==> flow/design.v <==
module u_mplex #(
  parameter int DWIDTH = 4,
  parameter int INPUTS = 64,
  parameter int SEL_WIDTH = $clog2(INPUTS)
) (
  input logic clock,
  input logic nrst,
  input logic step,
  input logic [INPUTS*DWIDTH-1:0] bus,
  input logic [SEL_WIDTH-1:0] pick,
  output logic [DWIDTH-1:0] res
);
  logic [INPUTS*DWIDTH-1:0] bus_r;
  logic [SEL_WIDTH-1:0] pick_r;
  logic [DWIDTH-1:0] res_r;
  assign res = res_r;
  always_ff @(posedge clock or negedge nrst) begin
    if (~nrst) begin
      bus_r <= '0;
      pick_r <= '0;
      res_r <= '0;
    end else if (step) begin
      bus_r <= bus;
      pick_r <= pick;
      res_r <= bus_r[pick_r*DWIDTH +: DWIDTH];
    end
  end
endmodule
# Tool chain data of u_mplex
# What the tools print for u_mplex, step after step.
# Line numbers count from 1 in the design file above.
# Operators carry their Yosys type and port widths (W data, S select, Z words).
# Not given: --
# setup
design	u_mplex
clock	clock
cell_library	sky130hd
corner	tt_025C_1v80

# Elaborated design
# Counts by Yosys on the flattened word-level netlist (proc, flatten, opt, wreduce; memories kept). Register bits leave out memories and registers merged into their read ports (data or address); mux counts leave out enables and synchronous resets folded into registers. Print and check cells are left out. Cells with the same type and inputs are merged into one.
# word_totals
regBits	266
input_bits	265
out_inout_bits	4
word_cells	4
# classes
shifts	1
# ops
op	n
$shiftx A256 B9 Y4	1

# Longest topological paths
# Longest topological path by Yosys (ltp), each cell counted once; first at word level (registers and memories cut), then after technology mapping (sequential cells cut; the memories' decode and read muxes count).
# logic_depth
ltp_word	1
ABC_AREA	0
depth_mapped	9
ltp_nobuf	6

# After synthesis
# Yosys stat after the flow's synthesis: flattened, memories mapped to cells. It holds for the ABC_AREA given above (unset counts as 0); a run with the other value may have another netlist.
# types
type	n	type_area_um2
sky130_fd_sc_hd__dfrtp_1	266	6.66E+03
sky130_fd_sc_hd__mux2_2	260	2.93E+03
sky130_fd_sc_hd__mux2i_1	76	760.73
sky130_fd_sc_hd__mux4_2	31	698.17
sky130_fd_sc_hd__a22oi_1	26	195.187
sky130_fd_sc_hd__clkbuf_1	25	93.84
sky130_fd_sc_hd__buf_6	8	90.086
sky130_fd_sc_hd__nand3_1	16	80.077
sky130_fd_sc_hd__a221oi_1	7	61.309
sky130_fd_sc_hd__buf_2	12	60.058
sky130_fd_sc_hd__nand2_1	10	37.536
sky130_fd_sc_hd__nor2b_1	6	37.536
sky130_fd_sc_hd__a32o_1	3	30.029
sky130_fd_sc_hd__buf_4	4	30.029
sky130_fd_sc_hd__o21ai_0	6	30.029
sky130_fd_sc_hd__a22o_1	3	26.275
sky130_fd_sc_hd__mux4_1	1	26.275
sky130_fd_sc_hd__a211oi_1	3	22.522
# Other cell types: 12; their cells: 20.
# mapped
cell_count	783
mapped_area_mm2	0.0119827
sequential_area_mm2	0.0066564
ffs	266
n_buf	52

# Worst setup path after synthesis
# OpenSTA on the mapped netlist: ideal clock, no wires. The path of least setup slack (recovery checks aside). Input and output delay are each 20% of the period. Register names are those of the netlist, which keeps one name where synthesis merged equal registers.
# synth_path
kind	register to register
start	reg pick_r[2]
end	reg res_r[0]
clock_period_ns	2.13
setup_ns	0.129
launch_ns	0.000
arrival_ns	1.572
required_time_ns	2.001
setup_slack_ns	0.428
delay_ns	1.701
driving_pins	8
path_buffers	1
synth_period_reached_ns	1.702
# "delay_ns" = arrival - input delay + setup time.
# "driving_pins" counts driving pins, that of a launching flip-flop among them; a cell with two outputs on the path counts twice.
# "synth_period_reached_ns" = period - worst setup slack (recovery checks aside). The figure is calculated, with input and output delays left at 20% of the set period.
# Between the ends stands the longest chain of elaborated cells between them, by number of cells; it is not shown to be the way that was timed. Of several equally long chains one is given.
# Each line given opens the expression or statement behind the cell; cells for indexed reads and writes are added by Yosys, which also makes memories of some case tables.
# synth_between
cell_sequence	sky130_fd_sc_hd__dfrtp_1 > sky130_fd_sc_hd__buf_6 > sky130_fd_sc_hd__mux4_2 > sky130_fd_sc_hd__nor2b_1 > sky130_fd_sc_hd__a211oi_1 > sky130_fd_sc_hd__a21oi_1 > sky130_fd_sc_hd__nand3_1 > sky130_fd_sc_hd__nand3_1
elab_chain_cells	1
cells_between	1
cone_lines	1
cone_classes	shift (1)
# synth_rtl
element	line_no	rtl
start: declaration	14	logic [SEL_WIDTH-1:0] pick_r;
start: assignment	20	pick_r <= '0;
start: assignment	24	pick_r <= pick;
$shiftx A256 B9 Y4	25	res_r <= bus_r[pick_r*DWIDTH +: DWIDTH];
end: assignment	21	res_r <= '0;
end: assignment	25
end: declaration	15	logic [DWIDTH-1:0] res_r;

# Timing after layout
# Path of least setup slack in the final report of record 1 (OpenROAD, finished layout, wires in). Where an end is a register, its clock arrival counts in the times.
# layout_path
kind	register to register
start	reg pick_r[2]
end	reg res_r[3]
clock_period_ns	1.68
setup_ns	0.10
launch_ns	0.50
arrival_ns	2.39
required_time_ns	2.07
setup_slack_ns	-0.32
driving_pins	9
path_buffers	3
# Between the ends stands the longest chain of elaborated cells between them, by number of cells; it is not shown to be the way that was timed. Of several equally long chains one is given.
# layout_between
cell_sequence	sky130_fd_sc_hd__dfrtp_4 > sky130_fd_sc_hd__buf_12 > sky130_fd_sc_hd__buf_4 > sky130_fd_sc_hd__mux4_2 > sky130_fd_sc_hd__mux2i_1 > sky130_fd_sc_hd__buf_4 > sky130_fd_sc_hd__a221oi_1 > sky130_fd_sc_hd__nand3_1 > sky130_fd_sc_hd__nand3_1
elab_chain_cells	1
cells_between	1
cone_lines	1
cone_classes	shift (1)
# layout_rtl
element	line_no	rtl
start: declaration	14	logic [SEL_WIDTH-1:0] pick_r;
start: assignment	20	pick_r <= '0;
start: assignment	24	pick_r <= pick;
$shiftx A256 B9 Y4	25	res_r <= bus_r[pick_r*DWIDTH +: DWIDTH];
end: assignment	21	res_r <= '0;
end: assignment	25
end: declaration	15	logic [DWIDTH-1:0] res_r;

Design u_mplex on sky130hd. What follows are 3 stored runs of the flow, each under its own settings; their order means nothing. The constraints put input and output delay at 20% of the set period each and load the outputs with 0.01 pF.
"period_reached_ns" is the run's clock period less its worst setup slack. It is reckoned from that one timing run; input and output delays stay at 20% of the period that was set.
By "worst_setup_path_time_ns" is meant the share of the clock period that the worst setup path is allowed (20% is reserved at inputs, 20% at outputs), minus its slack. Clock arrival times at its registers enter into it.
"power.total_uw" rests on the timing tool's default activity at the inputs, not on a simulated workload.

Record 1, flow files:
==> flow/run.sh <==
#!/bin/bash
# the make line also repeats the synthesis and layout settings of config.mk as NAME=value (left out here)
make -C /OpenROAD-flow-scripts/flow DESIGN_CONFIG=/design/flow/config.mk WORK_HOME=/design/flow/orfs CLKGATE_MAP_FILE= finish
==> flow/config.mk <==
export PLATFORM = sky130hd
export DESIGN_NAME = u_mplex
export DESIGN_NICKNAME = u_mplex
export VERILOG_FILES = /design/flow/design.v
export SDC_FILE = /design/flow/constraint.sdc
export NUM_CORES = 4
export LEC_CHECK = 0
export CAP_MARGIN = 20
export CELL_PAD_IN_SITES_DETAIL_PLACEMENT = 0
export CORE_MARGIN = 6
export CORE_UTILIZATION = 33
export CTS_CLUSTER_DIAMETER = 376
export CTS_CLUSTER_SIZE = 39
export GPL_ROUTABILITY_DRIVEN = 1
export GPL_TIMING_DRIVEN = 1
export HOLD_SLACK_MARGIN = 0.03
export MAX_ROUTING_LAYER = met5
export MIN_ROUTING_LAYER = met2
export SLEW_MARGIN = 10
==> flow/constraint.sdc <==
create_clock -name core_clock -period 1.68 [get_ports {clock}]
set_input_delay 0.3360 -clock core_clock [delete_from_list [all_inputs] [get_ports {clock}]]
set_output_delay 0.3360 -clock core_clock [all_outputs]
set_load 0.01 [all_outputs]

==> results of record 1, as CSV <==
result,value
final_die_area_mm2,0.0410285
setupTns_ns,-1.081
yosys.chip_area_mm2,0.0119827
fin_ws_ns,-0.319
power.total_uw,14284
period_reached_ns,1.999
layout_utilization_pct,46.2
final_cell_area_mm2,0.0164796
worst_setup_path_time_ns,2.00
worst_path_kind,"register to register"

Record 2, flow files:
==> flow/run.sh <==
#!/bin/bash
# the make line also repeats the synthesis and layout settings of config.mk as NAME=value (left out here)
make -C /OpenROAD-flow-scripts/flow DESIGN_CONFIG=/design/flow/config.mk WORK_HOME=/design/flow/orfs CLKGATE_MAP_FILE= finish
==> flow/config.mk <==
export PLATFORM = sky130hd
export DESIGN_NAME = u_mplex
export DESIGN_NICKNAME = u_mplex
export VERILOG_FILES = /design/flow/design.v
export SDC_FILE = /design/flow/constraint.sdc
export NUM_CORES = 4
export LEC_CHECK = 0
export CAP_MARGIN = 0
export CELL_PAD_IN_SITES_DETAIL_PLACEMENT = 0
export CELL_PAD_IN_SITES_GLOBAL_PLACEMENT = 2
export CORE_ASPECT_RATIO = 0.54
export CORE_MARGIN = 7
export CORE_UTILIZATION = 60
export CTS_CLUSTER_DIAMETER = 170
export CTS_CLUSTER_SIZE = 68
export GPL_TIMING_DRIVEN = 1
export PLACE_DENSITY_LB_ADDON = 0.19
export SETUP_SLACK_MARGIN = -0.07
export SLEW_MARGIN = 20
export TNS_END_PERCENT = 50
==> flow/constraint.sdc <==
create_clock -name core_clock -period 1.91 [get_ports {clock}]
set_input_delay 0.3820 -clock core_clock [delete_from_list [all_inputs] [get_ports {clock}]]
set_output_delay 0.3820 -clock core_clock [all_outputs]
set_load 0.01 [all_outputs]

Record 2: no results, placement failed with FLW-0024

Record 3, flow files:
==> flow/run.sh <==
#!/bin/bash
# the make line also repeats the synthesis and layout settings of config.mk as NAME=value (left out here)
make -C /OpenROAD-flow-scripts/flow DESIGN_CONFIG=/design/flow/config.mk WORK_HOME=/design/flow/orfs CLKGATE_MAP_FILE= finish
==> flow/config.mk <==
export PLATFORM = sky130hd
export DESIGN_NAME = u_mplex
export DESIGN_NICKNAME = u_mplex
export VERILOG_FILES = /design/flow/design.v
export SDC_FILE = /design/flow/constraint.sdc
export NUM_CORES = 4
export LEC_CHECK = 0
export CAP_MARGIN = 20
export CORE_MARGIN = 2
export CORE_UTILIZATION = 40
export SLEW_MARGIN = 20
==> flow/constraint.sdc <==
create_clock -name core_clock -period 2.13 [get_ports {clock}]
set_input_delay 0.4260 -clock core_clock [delete_from_list [all_inputs] [get_ports {clock}]]
set_output_delay 0.4260 -clock core_clock [all_outputs]
set_load 0.01 [all_outputs]

==> results of record 3, as CSV <==
result,value
final_die_area_mm2,0.0313573
setupTns_ns,0.000
yosys.chip_area_mm2,0.0119827
fin_ws_ns,0.113
power.total_uw,13681
period_reached_ns,2.017
layout_utilization_pct,55.3
final_cell_area_mm2,0.0163582
worst_setup_path_time_ns,2.02
worst_path_kind,"register to register"
